==> flow/design.v <==
module u_storage (i_clk, nrst, valid, i_load, i_wr_addr, i_wr_data, i_rd_idx_a, i_rd_idx_b, o_dout_a, o_dout_b);
    parameter NUM_REGS = 96;
    parameter BITS = 6;
    localparam AWIDTH = $clog2(NUM_REGS);
    input i_clk;
    input nrst;
    input valid;
    input i_load;
    input [AWIDTH-1:0] i_wr_addr;
    input [BITS-1:0] i_wr_data;
    input [AWIDTH-1:0] i_rd_idx_a;
    input [AWIDTH-1:0] i_rd_idx_b;
    output [BITS-1:0] o_dout_a;
    output [BITS-1:0] o_dout_b;
    reg [BITS-1:0] ram [0:NUM_REGS-1];
    always @(posedge i_clk) begin
        if (valid && i_load && i_wr_addr != 0)
            ram[i_wr_addr] <= i_wr_data;
    end
    reg [BITS-1:0] dout_a_ff;
    assign o_dout_a = dout_a_ff;
    reg [BITS-1:0] dout_b_ff;
    assign o_dout_b = dout_b_ff;
    always @(posedge i_clk or negedge nrst) begin
        if (~nrst) begin
            dout_a_ff <= 0;
            dout_b_ff <= 0;
        end else if (valid) begin
            dout_a_ff <= (i_rd_idx_a == 0) ? {BITS{1'b0}} : ram[i_rd_idx_a];
            dout_b_ff <= (i_rd_idx_b == 0) ? {BITS{1'b0}} : ram[i_rd_idx_b];
        end
    end
endmodule
---- Step by step through the tools: u_storage ----
What the tools print for u_storage, step after step.
Line numbers count from 1 in the design file above.
Not given: -
design
  top module .............................. u_storage
  clock ................................... i_clk
  library ................................. sky130hd
  library corner .......................... tt_025C_1v80

---- Word level ----
Source: Yosys, flattened and elaborated, memories not mapped. Widths are those after wreduce; folded enables and synchronous resets count as part of the registers. Registers that Yosys merges into a memory's read port (data or address) are not register bits. Print and check cells do not count. Equal cells are merged and count once.
Yosys's memory passes give these memory sizes; they may raise the number of words (mostly to a power of two), join words into wider ones and drop unused or constant bits.
storage and ports
  register bits ........................... 12
  memory bits (writable) .................. 576
  memories ................................ 1
  input port bits ......................... 31
  cells after elaboration ................. 13
memory list
  name  words  bits a word  read ports  wr ports  line  source
  ram   96     6            2           1         15    reg [BITS-1:0] ram [0:NUM_REGS-1];
cells by class
  muxes and demuxes ....................... 5
  reductions and logical operators ........ 5
operators by type and width
  operator            number
  6-bit two-way mux   3
  7-bit zero test     2
  7-bit nonzero test  1
  7-bit two-way mux   1
  1-bit logical AND   2
  1-bit two-way mux   1

---- Logic depth ----
Yosys ltp: most cells in a row. Word level: on the elaborated netlist, between registers, memories and ports. Mapped: between sequential cells and ports; inverters and the memories' decode and read muxes count.
logic depth
  word-level depth ........................ 3
  ABC_AREA ................................ 0
  mapped depth ............................ 11

---- After synthesis ----
Yosys stat after the flow's synthesis: flattened, memories mapped to cells. It holds for the ABC_AREA given above (unset counts as 0); a run with the other value may have another netlist.
Totals and module areas in this step are rounded.
cells by type
  type                       number
  sky130_fd_sc_hd__edfxtp_1  576
  sky130_fd_sc_hd__mux4_2    210
  sky130_fd_sc_hd__mux2i_1   180
  sky130_fd_sc_hd__nor2_1    131
  sky130_fd_sc_hd__dfrtp_1   12
  sky130_fd_sc_hd__o22ai_1   44
  sky130_fd_sc_hd__nand2_1   73
  sky130_fd_sc_hd__a22oi_1   34
  sky130_fd_sc_hd__buf_4     32
  sky130_fd_sc_hd__buf_6     21
  sky130_fd_sc_hd__nor2b_1   29
  sky130_fd_sc_hd__buf_2     27
  sky130_fd_sc_hd__nand3_1   23
  sky130_fd_sc_hd__a21oi_1   22
  sky130_fd_sc_hd__a32oi_1   11
  sky130_fd_sc_hd__o221ai_1  11
  sky130_fd_sc_hd__clkbuf_1  24
  sky130_fd_sc_hd__a41oi_1   9
Other cell types: 46; their cells: 177.
mapped netlist
  standard cells after synthesis .......... 1,646
  cell area after synthesis ............... 28,130 um^2
  area of sequential cells ................ 17,600 um^2
  mapped flip-flops ....................... 588
  buffer cells ............................ 115

---- Path before layout ----
Path of least setup slack by OpenSTA after synthesis, without wires, with an ideal clock, recovery checks aside; 20% of the period is set as input and as output delay. Where synthesis merged equal registers, the netlist keeps one of their names.
timing post-synthesis
  path kind ............................... input port to flip-flop
  from .................................... in i_rd_idx_a[1]
  to ...................................... reg dout_a_ff[3]
  clock period ............................ 2.91 ns
  input delay ............................. 0.582 ns
  setup time .............................. 0.158 ns
  arrival time ............................ 2.288 ns
  required time ........................... 2.752 ns
  path slack .............................. 0.464 ns
  delay of the path ....................... 1.864 ns
  driving pins on the path ................ 7
  synthesis period reached ................ 2.446 ns
"delay of the path" = arrival - input delay + setup time.
"driving pins on the path" counts driving pins, that of a launching flip-flop among them; a cell with two outputs on the path counts twice.
"synthesis period reached" is the clock period less the worst setup slack; recovery checks do not enter. This is arithmetic on one report: input and output delays are still those of the set period (20% each).
The rows between start and end are the longest chain of elaborated cells between them; the timing report does not say that the signal goes this way. Where chains are equally long, one stands for them.
Each line given opens the expression or statement behind the cell; cells for indexed reads and writes are added by Yosys, which also makes memories of some case tables.
A memory read counts as a cell of the chain, while the word-level depth stops at memories.
between the ends, post-synthesis
  cells stage by stage .................... sky130_fd_sc_hd__buf_4 > sky130_fd_sc_hd__buf_4 > sky130_fd_sc_hd__buf_1 > sky130_fd_sc_hd__mux4_2 > sky130_fd_sc_hd__mux4_2 > sky130_fd_sc_hd__o21ai_1 > sky130_fd_sc_hd__o221ai_1
  length of the longest elaborated chain .. 2
  elaborated cells on any way between the ends .. 3
  source lines of those cells ............. 2
  classes of those cells .................. mux: 1; reduce/logical: 1; memory: 1
ends and longest elaborated chain, post-synthesis
  what               line  source
  from (decl)        11    input [AWIDTH-1:0] i_rd_idx_a;
  memory 96 x 6 bit  15    reg [BITS-1:0] ram [0:NUM_REGS-1];
  6-bit two-way mux  29    dout_a_ff <= (i_rd_idx_a == 0) ? {BITS{1'b0}} : ram[i_rd_idx_a];
  to (assign)        26    dout_a_ff <= 0;
  to (assign)        29
  to (decl)          20    reg [BITS-1:0] dout_a_ff;

---- Worst path after layout ----
From the final timing report of run 1: the path of least setup slack in the routed layout; clock arrival at registers is part of the times.
timing post-layout
  path kind ............................... input port to flip-flop
  from .................................... in i_rd_idx_a[3]
  to ...................................... reg dout_a_ff[3]
  clock period ............................ 2.63 ns
  input delay ............................. 0.53 ns
  setup time .............................. 0.08 ns
  arrival time ............................ 3.15 ns
  required time ........................... 3.19 ns
  path slack .............................. 0.04 ns
  driving pins on the path ................ 9
The rows between start and end are the longest chain of elaborated cells between them; the timing report does not say that the signal goes this way. Where chains are equally long, one stands for them.
A memory read counts as a cell of the chain, while the word-level depth stops at memories.
between the ends, post-layout
  cells stage by stage .................... sky130_fd_sc_hd__clkdlybuf4s50_1 > sky130_fd_sc_hd__buf_12 > sky130_fd_sc_hd__buf_4 > sky130_fd_sc_hd__nand3_1 > sky130_fd_sc_hd__nor2_1 > sky130_fd_sc_hd__nor4_1 > sky130_fd_sc_hd__o221ai_1 > sky130_fd_sc_hd__o32a_1 > sky130_fd_sc_hd__o221ai_1
  length of the longest elaborated chain .. 2
  elaborated cells on any way between the ends .. 3
  source lines of those cells ............. 2
  classes of those cells .................. mux: 1; reduce/logical: 1; memory: 1
ends and longest elaborated chain, post-layout
  what               line  source
  from (decl)        11    input [AWIDTH-1:0] i_rd_idx_a;
  memory 96 x 6 bit  15    reg [BITS-1:0] ram [0:NUM_REGS-1];
  6-bit two-way mux  29    dout_a_ff <= (i_rd_idx_a == 0) ? {BITS{1'b0}} : ram[i_rd_idx_a];
  to (assign)        26    dout_a_ff <= 0;
  to (assign)        29
  to (decl)          20    reg [BITS-1:0] dout_a_ff;

## Implementation results

3 stored runs of u_storage in the flow (synthesis by Yosys, layout by OpenROAD, sky130hd cells), in arbitrary order. Constraints: input delay and output delay 20% of the set period each, output load 0.01 pF.
"period reached" means the clock period less the worst setup slack. The figure is calculated, with input and output delays left at 20% of the set period.
"worst setup path time" = time allowed to the worst setup path (clock period - input delay - output delay, where it has them) - its slack; a late launch clock adds to it, a late capture clock takes from it.
"total design power": no workload was simulated; the value follows from the tool's default switching activity.
The results are shown rounded.

======== run 1 ========
==> flow/run.sh <==
#!/bin/bash
# the make line also repeats the synthesis and layout settings of config.mk as NAME=value (left out here)
make -C /OpenROAD-flow-scripts/flow DESIGN_CONFIG=/design/flow/config.mk WORK_HOME=/design/flow/orfs CLKGATE_MAP_FILE= finish
==> flow/config.mk <==
export PLATFORM = sky130hd
export DESIGN_NAME = u_storage
export DESIGN_NICKNAME = u_storage
export VERILOG_FILES = /design/flow/design.v
export SDC_FILE = /design/flow/constraint.sdc
export NUM_CORES = 4
export LEC_CHECK = 0
export ABC_AREA = 0
export CAP_MARGIN = 20
export CELL_PAD_IN_SITES_DETAIL_PLACEMENT = 1
export CORE_MARGIN = 2
export CORE_UTILIZATION = 21
export CTS_CLUSTER_DIAMETER = 215
export MAX_ROUTING_LAYER = met4
export PLACE_DENSITY = 0.87
export SLEW_MARGIN = 30
export TNS_END_PERCENT = 45
==> flow/constraint.sdc <==
create_clock -name core_clock -period 2.63 [get_ports {i_clk}]
set_input_delay 0.5260 -clock core_clock [delete_from_list [all_inputs] [get_ports {i_clk}]]
set_output_delay 0.5260 -clock core_clock [all_outputs]
set_load 0.01 [all_outputs]

-------- measured, run 1 --------
  standard-cell area after layout ......... 34,820 um^2
  utilization ............................. 0.262
  setup slack of the worst path ........... 0.037 ns
  sum of negative setup slack ............. 0.000 ns
  chip area in the Yosys report ........... 28,130 um^2
  worst setup path time ................... 2.07 ns
  worst setup path kind ................... input port to flip-flop
  total design power ...................... 21.02 mW
  die outline area ........................ 136,900 um^2
  period reached .......................... 2.593 ns

======== run 2 ========
==> flow/run.sh <==
#!/bin/bash
# the make line also repeats the synthesis and layout settings of config.mk as NAME=value (left out here)
make -C /OpenROAD-flow-scripts/flow DESIGN_CONFIG=/design/flow/config.mk WORK_HOME=/design/flow/orfs CLKGATE_MAP_FILE= finish
==> flow/config.mk <==
export PLATFORM = sky130hd
export DESIGN_NAME = u_storage
export DESIGN_NICKNAME = u_storage
export VERILOG_FILES = /design/flow/design.v
export SDC_FILE = /design/flow/constraint.sdc
export NUM_CORES = 4
export LEC_CHECK = 0
export CAP_MARGIN = 20
export CORE_MARGIN = 2
export CORE_UTILIZATION = 40
export SLEW_MARGIN = 20
==> flow/constraint.sdc <==
create_clock -name core_clock -period 2.91 [get_ports {i_clk}]
set_input_delay 0.5820 -clock core_clock [delete_from_list [all_inputs] [get_ports {i_clk}]]
set_output_delay 0.5820 -clock core_clock [all_outputs]
set_load 0.01 [all_outputs]

-------- measured, run 2 --------
  standard-cell area after layout ......... 33,370 um^2
  utilization ............................. 0.478
  setup slack of the worst path ........... 0.302 ns
  sum of negative setup slack ............. 0.000 ns
  chip area in the Yosys report ........... 28,130 um^2
  worst setup path time ................... 2.03 ns
  worst setup path kind ................... input port to flip-flop
  total design power ...................... 18.92 mW
  die outline area ........................ 72,450 um^2
  period reached .......................... 2.608 ns

======== run 3 ========
==> flow/run.sh <==
#!/bin/bash
# the make line also repeats the synthesis and layout settings of config.mk as NAME=value (left out here)
make -C /OpenROAD-flow-scripts/flow DESIGN_CONFIG=/design/flow/config.mk WORK_HOME=/design/flow/orfs CLKGATE_MAP_FILE= finish
==> flow/config.mk <==
export PLATFORM = sky130hd
export DESIGN_NAME = u_storage
export DESIGN_NICKNAME = u_storage
export VERILOG_FILES = /design/flow/design.v
export SDC_FILE = /design/flow/constraint.sdc
export NUM_CORES = 4
export LEC_CHECK = 0
export ABC_AREA = 1
export CAP_MARGIN = 5
export CELL_PAD_IN_SITES_DETAIL_PLACEMENT = 2
export CELL_PAD_IN_SITES_GLOBAL_PLACEMENT = 1
export CORE_MARGIN = 2
export CORE_UTILIZATION = 54
export CTS_CLUSTER_SIZE = 76
export MAX_ROUTING_LAYER = met5
export MIN_ROUTING_LAYER = met1
export PLACE_DENSITY_LB_ADDON = 0.08
export SLEW_MARGIN = 20
export TNS_END_PERCENT = 50
==> flow/constraint.sdc <==
create_clock -name core_clock -period 4.3 [get_ports {i_clk}]
set_input_delay 0.8600 -clock core_clock [delete_from_list [all_inputs] [get_ports {i_clk}]]
set_output_delay 0.8600 -clock core_clock [all_outputs]
set_load 0.01 [all_outputs]

-------- run 3 --------
  no final report: placement broke off with DPL-0033
